==> flow/design.v <==
module core_mag_cmp_v2 #(
  parameter integer W = 32
) (
  input  wire clk,
  input  wire valid,
  input  wire signed [W-1:0] rs1_in,
  input  wire signed [W-1:0] rs2_in,
  output wire a_lt_b_out,
  output wire match_out,
  output wire a_gt_b_out
);
  reg signed [W-1:0] rs1_d1;
  reg signed [W-1:0] rs2_d1;
  always @(posedge clk) begin
    if (valid) begin
      rs1_d1 <= rs1_in;
      rs2_d1 <= rs2_in;
    end
  end
  assign a_lt_b_out = (rs1_d1 < rs2_d1);
  assign match_out = (rs1_d1 == rs2_d1);
  assign a_gt_b_out = (rs1_d1 > rs2_d1);
endmodule
# --- Reports on core_mag_cmp_v2 ---
# What the tools print for core_mag_cmp_v2, step after step.
# Lines are those of the file above, counted from 1.
# Cell names lack the library's common part.
inputs:
  top_module: "core_mag_cmp_v2"
  clock: "clk"
  cell_library: "sky130hd"
  pvt_corner: "tt_025C_1v80"

# --- Word-level counts ---
# Yosys after proc, flatten, opt, wreduce and memory -nomap, before mapping. Enables and synchronous resets that opt folds into registers are not counted as muxes. Memory bits, and registers merged into a memory's read port (data or address), are not among the register bits. Print and check cells are not counted. Equal cells are merged and count once.
word_totals:
  ff_bits: 64
  out_inout_bits: 3
  input_bits: 66
  elab_cells: 5
classes:
  cmp: 2
  eq_ne: 1
op_table:
  columns: ["op", "n"]
  rows:
  - ["32-bit > comparator", 1]
  - ["32-bit < comparator", 1]
  - ["32-bit == test", 1]

# --- Logic depth ---
# Depth = most cells in a row (Yosys ltp): at word level without a register or memory, in the mapped netlist without a sequential cell, where the memories' decode and read muxes count.
depth:
  depth_word: 1
  ABC_AREA: 0
  ltp_mapped: 8
  ltp_nobuf: 8

# --- Netlist ---
# Yosys stat after the flow's synthesis: flattened, memories mapped to cells. It holds for the ABC_AREA given above (unset counts as 0); a run with the other value may have another netlist.
# Totals and module areas in this step are rounded.
mapped:
  flip_flops: 64
  stdcells: 183
  yosys_area_um2: 2770
  buffers: 0
types:
  columns: ["cell_type", "n"]
  rows:
  - ["edfxtp_1", 64]
  - ["ha_1", 32]
  - ["inv_1", 34]
  - ["a21oi_1", 9]
  - ["nand4_1", 6]
  - ["nand2_1", 8]
  - ["a21oi_2", 3]
  - ["mux2i_1", 2]
  - ["nor4_1", 3]
  - ["a21o_1", 2]
  - ["nand3_1", 3]
  - ["o21ai_0", 3]
  - ["a221o_1", 1]
  - ["o21ai_1", 2]
  - ["a2111oi_0", 1]
  - ["a211o_1", 1]
  - ["and4_1", 1]
  - ["a211oi_1", 1]
# Other cell types: 6; their cells: 7.

# --- Path before layout ---
# Path of least setup slack by OpenSTA after synthesis, without wires, with an ideal clock, recovery checks aside; 20% of the period is set as input and as output delay. Where synthesis merged equal registers, the netlist keeps one of their names.
synth_timing:
  path_type: "reg-to-output"
  start: "register rs1_d1[14]"
  end: "output port a_gt_b_out"
  path_delay_ns: 1.865
  out_delay_ns: 0.582
  period_ns: 2.91
  path_stages: 8
  path_slack_ns: 0.463
  arrival_ns: 1.865
  t_required_ns: 2.328
  period_less_setup_slack_ns: 2.447
# "path_delay_ns" is the arrival time less input delay plus setup time.
# A path that ends at an output port has no setup time.
# "path_stages" counts driving pins, that of a launching flip-flop among them; a cell with two outputs on the path counts twice.
# "period_less_setup_slack_ns" is the clock period less the worst setup slack; recovery checks do not enter. This is arithmetic on one report: input and output delays are still those of the set period (20% each).
# The rows between start and end are the longest chain of elaborated cells between them; the timing report does not say that the signal goes this way. Where chains are equally long, one stands for them.
# A line is the first line of the expression or statement that the cell stems from. Yosys adds cells for indexed reads and writes and turns some case tables into memories.
synth_between:
  path_cell_list: "edfxtp_1 > ha_1 > a21oi_2 > nand2_1 > a221o_1 > a211o_1 > a21oi_2 > mux2i_1"
  elab_chain_len: 1
synth_rtl:
  columns: ["item", "line_no", "text"]
  rows:
  - ["start, declared", 12, "reg signed [W-1:0] rs1_d1;"]
  - ["start, assigned", 16, "rs1_d1 <= rs1_in;"]
  - ["32-bit > comparator", 22, "assign a_gt_b_out = (rs1_d1 > rs2_d1);"]
  - ["end, declared", 10, "output wire a_gt_b_out"]

# --- Worst path after layout ---
# From the final timing report of flow run 2: the path of least setup slack in the routed layout; clock arrival at registers is part of the times.
layout_timing:
  path_type: "reg-to-output"
  start: "register rs2_d1[7]"
  end: "output port a_lt_b_out"
  path_slack_ns: -0.11
  out_delay_ns: 0.58
  arrival_ns: 2.43
  path_stages: 11
  period_ns: 2.91
  t_required_ns: 2.33
# The rows between start and end are the longest chain of elaborated cells between them; the timing report does not say that the signal goes this way. Where chains are equally long, one stands for them.
layout_between:
  path_cell_list: "edfxtp_1 > inv_1 > ha_4 > a21oi_2 > o21ai_2 > a221o_1 > a211o_1 > a21oi_2 > buf_4 > mux2i_1 > buf_2"
  elab_chain_len: 1
layout_rtl:
  columns: ["item", "line_no", "text"]
  rows:
  - ["start, declared", 13, "reg signed [W-1:0] rs2_d1;"]
  - ["start, assigned", 17, "rs2_d1 <= rs2_in;"]
  - ["32-bit < comparator", 20, "assign a_lt_b_out = (rs1_d1 < rs2_d1);"]
  - ["end, declared", 8, "output wire a_lt_b_out,"]

Lab notebook: core_mag_cmp_v2

3 stored runs of core_mag_cmp_v2 in the flow (synthesis by Yosys, layout by OpenROAD, sky130hd cells), in arbitrary order. Constraints: input delay and output delay 20% of the set period each, output load 0.01 pF.
"achieved_clock_period_ns": clock period set for the run, less the worst setup slack. It is reckoned from that one timing run; input and output delays stay at 20% of the period that was set.
"worstPathTime_ns" is the time allowed to the run's worst setup path (the clock period less input and output delay, where it has them) less its slack. Clock arrival times count: a late capture clock shortens it, a late launch clock lengthens it.
"fin_power_uw" rests on the timing tool's default activity at the inputs, not on a simulated workload.
Values from the reports are rounded here.

--- flow run 1 ---
==> flow/run.sh <==
#!/bin/bash
# the make line also repeats the synthesis and layout settings of config.mk as NAME=value (left out here)
make -C /OpenROAD-flow-scripts/flow DESIGN_CONFIG=/design/flow/config.mk WORK_HOME=/design/flow/orfs CLKGATE_MAP_FILE= finish
==> flow/config.mk <==
export PLATFORM = sky130hd
export DESIGN_NAME = core_mag_cmp_v2
export DESIGN_NICKNAME = core_mag_cmp_v2
export VERILOG_FILES = /design/flow/design.v
export SDC_FILE = /design/flow/constraint.sdc
export NUM_CORES = 4
export LEC_CHECK = 0
export ABC_AREA = 1
export CAP_MARGIN = 25
export CELL_PAD_IN_SITES_DETAIL_PLACEMENT = 1
export CORE_ASPECT_RATIO = 0.53
export CORE_MARGIN = 2
export CORE_UTILIZATION = 70
export CTS_CLUSTER_SIZE = 90
export PLACE_DENSITY = 0.71
export SETUP_SLACK_MARGIN = -0.04
export SLEW_MARGIN = 0
export TNS_END_PERCENT = 85
==> flow/constraint.sdc <==
create_clock -name core_clock -period 1.42 [get_ports {clk}]
set_input_delay 0.2840 -clock core_clock [delete_from_list [all_inputs] [get_ports {clk}]]
set_output_delay 0.2840 -clock core_clock [all_outputs]
set_load 0.01 [all_outputs]

==> results, as YAML <==
outcome: "no results, placement failed with DPL-0033"

--- flow run 2 ---
==> flow/run.sh <==
#!/bin/bash
# the make line also repeats the synthesis and layout settings of config.mk as NAME=value (left out here)
make -C /OpenROAD-flow-scripts/flow DESIGN_CONFIG=/design/flow/config.mk WORK_HOME=/design/flow/orfs CLKGATE_MAP_FILE= finish
==> flow/config.mk <==
export PLATFORM = sky130hd
export DESIGN_NAME = core_mag_cmp_v2
export DESIGN_NICKNAME = core_mag_cmp_v2
export VERILOG_FILES = /design/flow/design.v
export SDC_FILE = /design/flow/constraint.sdc
export NUM_CORES = 4
export LEC_CHECK = 0
export CAP_MARGIN = 20
export CORE_MARGIN = 2
export CORE_UTILIZATION = 40
export SLEW_MARGIN = 20
==> flow/constraint.sdc <==
create_clock -name core_clock -period 2.91 [get_ports {clk}]
set_input_delay 0.5820 -clock core_clock [delete_from_list [all_inputs] [get_ports {clk}]]
set_output_delay 0.5820 -clock core_clock [all_outputs]
set_load 0.01 [all_outputs]

==> results, as YAML <==
results:
  fin_power_uw: 2160
  tns_ns: -0.176
  timing.hold.ws_ns: 0.805
  cell_area_final_um2: 3930
  final_die_area_um2: 7600
  utilization_frac: 0.582
  achieved_clock_period_ns: 3.015
  final_setup_ws_ns: -0.105
  worstPathTime_ns: 2.43
  critical_path_type: "reg-to-output"
  synthesis_area_um2: 2770

--- flow run 3 ---
==> flow/run.sh <==
#!/bin/bash
# the make line also repeats the synthesis and layout settings of config.mk as NAME=value (left out here)
make -C /OpenROAD-flow-scripts/flow DESIGN_CONFIG=/design/flow/config.mk WORK_HOME=/design/flow/orfs CLKGATE_MAP_FILE= finish
==> flow/config.mk <==
export PLATFORM = sky130hd
export DESIGN_NAME = core_mag_cmp_v2
export DESIGN_NICKNAME = core_mag_cmp_v2
export VERILOG_FILES = /design/flow/design.v
export SDC_FILE = /design/flow/constraint.sdc
export NUM_CORES = 4
export LEC_CHECK = 0
export CAP_MARGIN = 10
export CELL_PAD_IN_SITES_DETAIL_PLACEMENT = 1
export CORE_MARGIN = 2
export CORE_UTILIZATION = 63
export HOLD_SLACK_MARGIN = -0.05
export MAX_ROUTING_LAYER = met4
export MIN_ROUTING_LAYER = met1
export SLEW_MARGIN = 20
export TNS_END_PERCENT = 85
==> flow/constraint.sdc <==
create_clock -name core_clock -period 3.95 [get_ports {clk}]
set_input_delay 0.7900 -clock core_clock [delete_from_list [all_inputs] [get_ports {clk}]]
set_output_delay 0.7900 -clock core_clock [all_outputs]
set_load 0.01 [all_outputs]

==> results, as YAML <==
outcome: "no results, placement failed with DPL-0033"
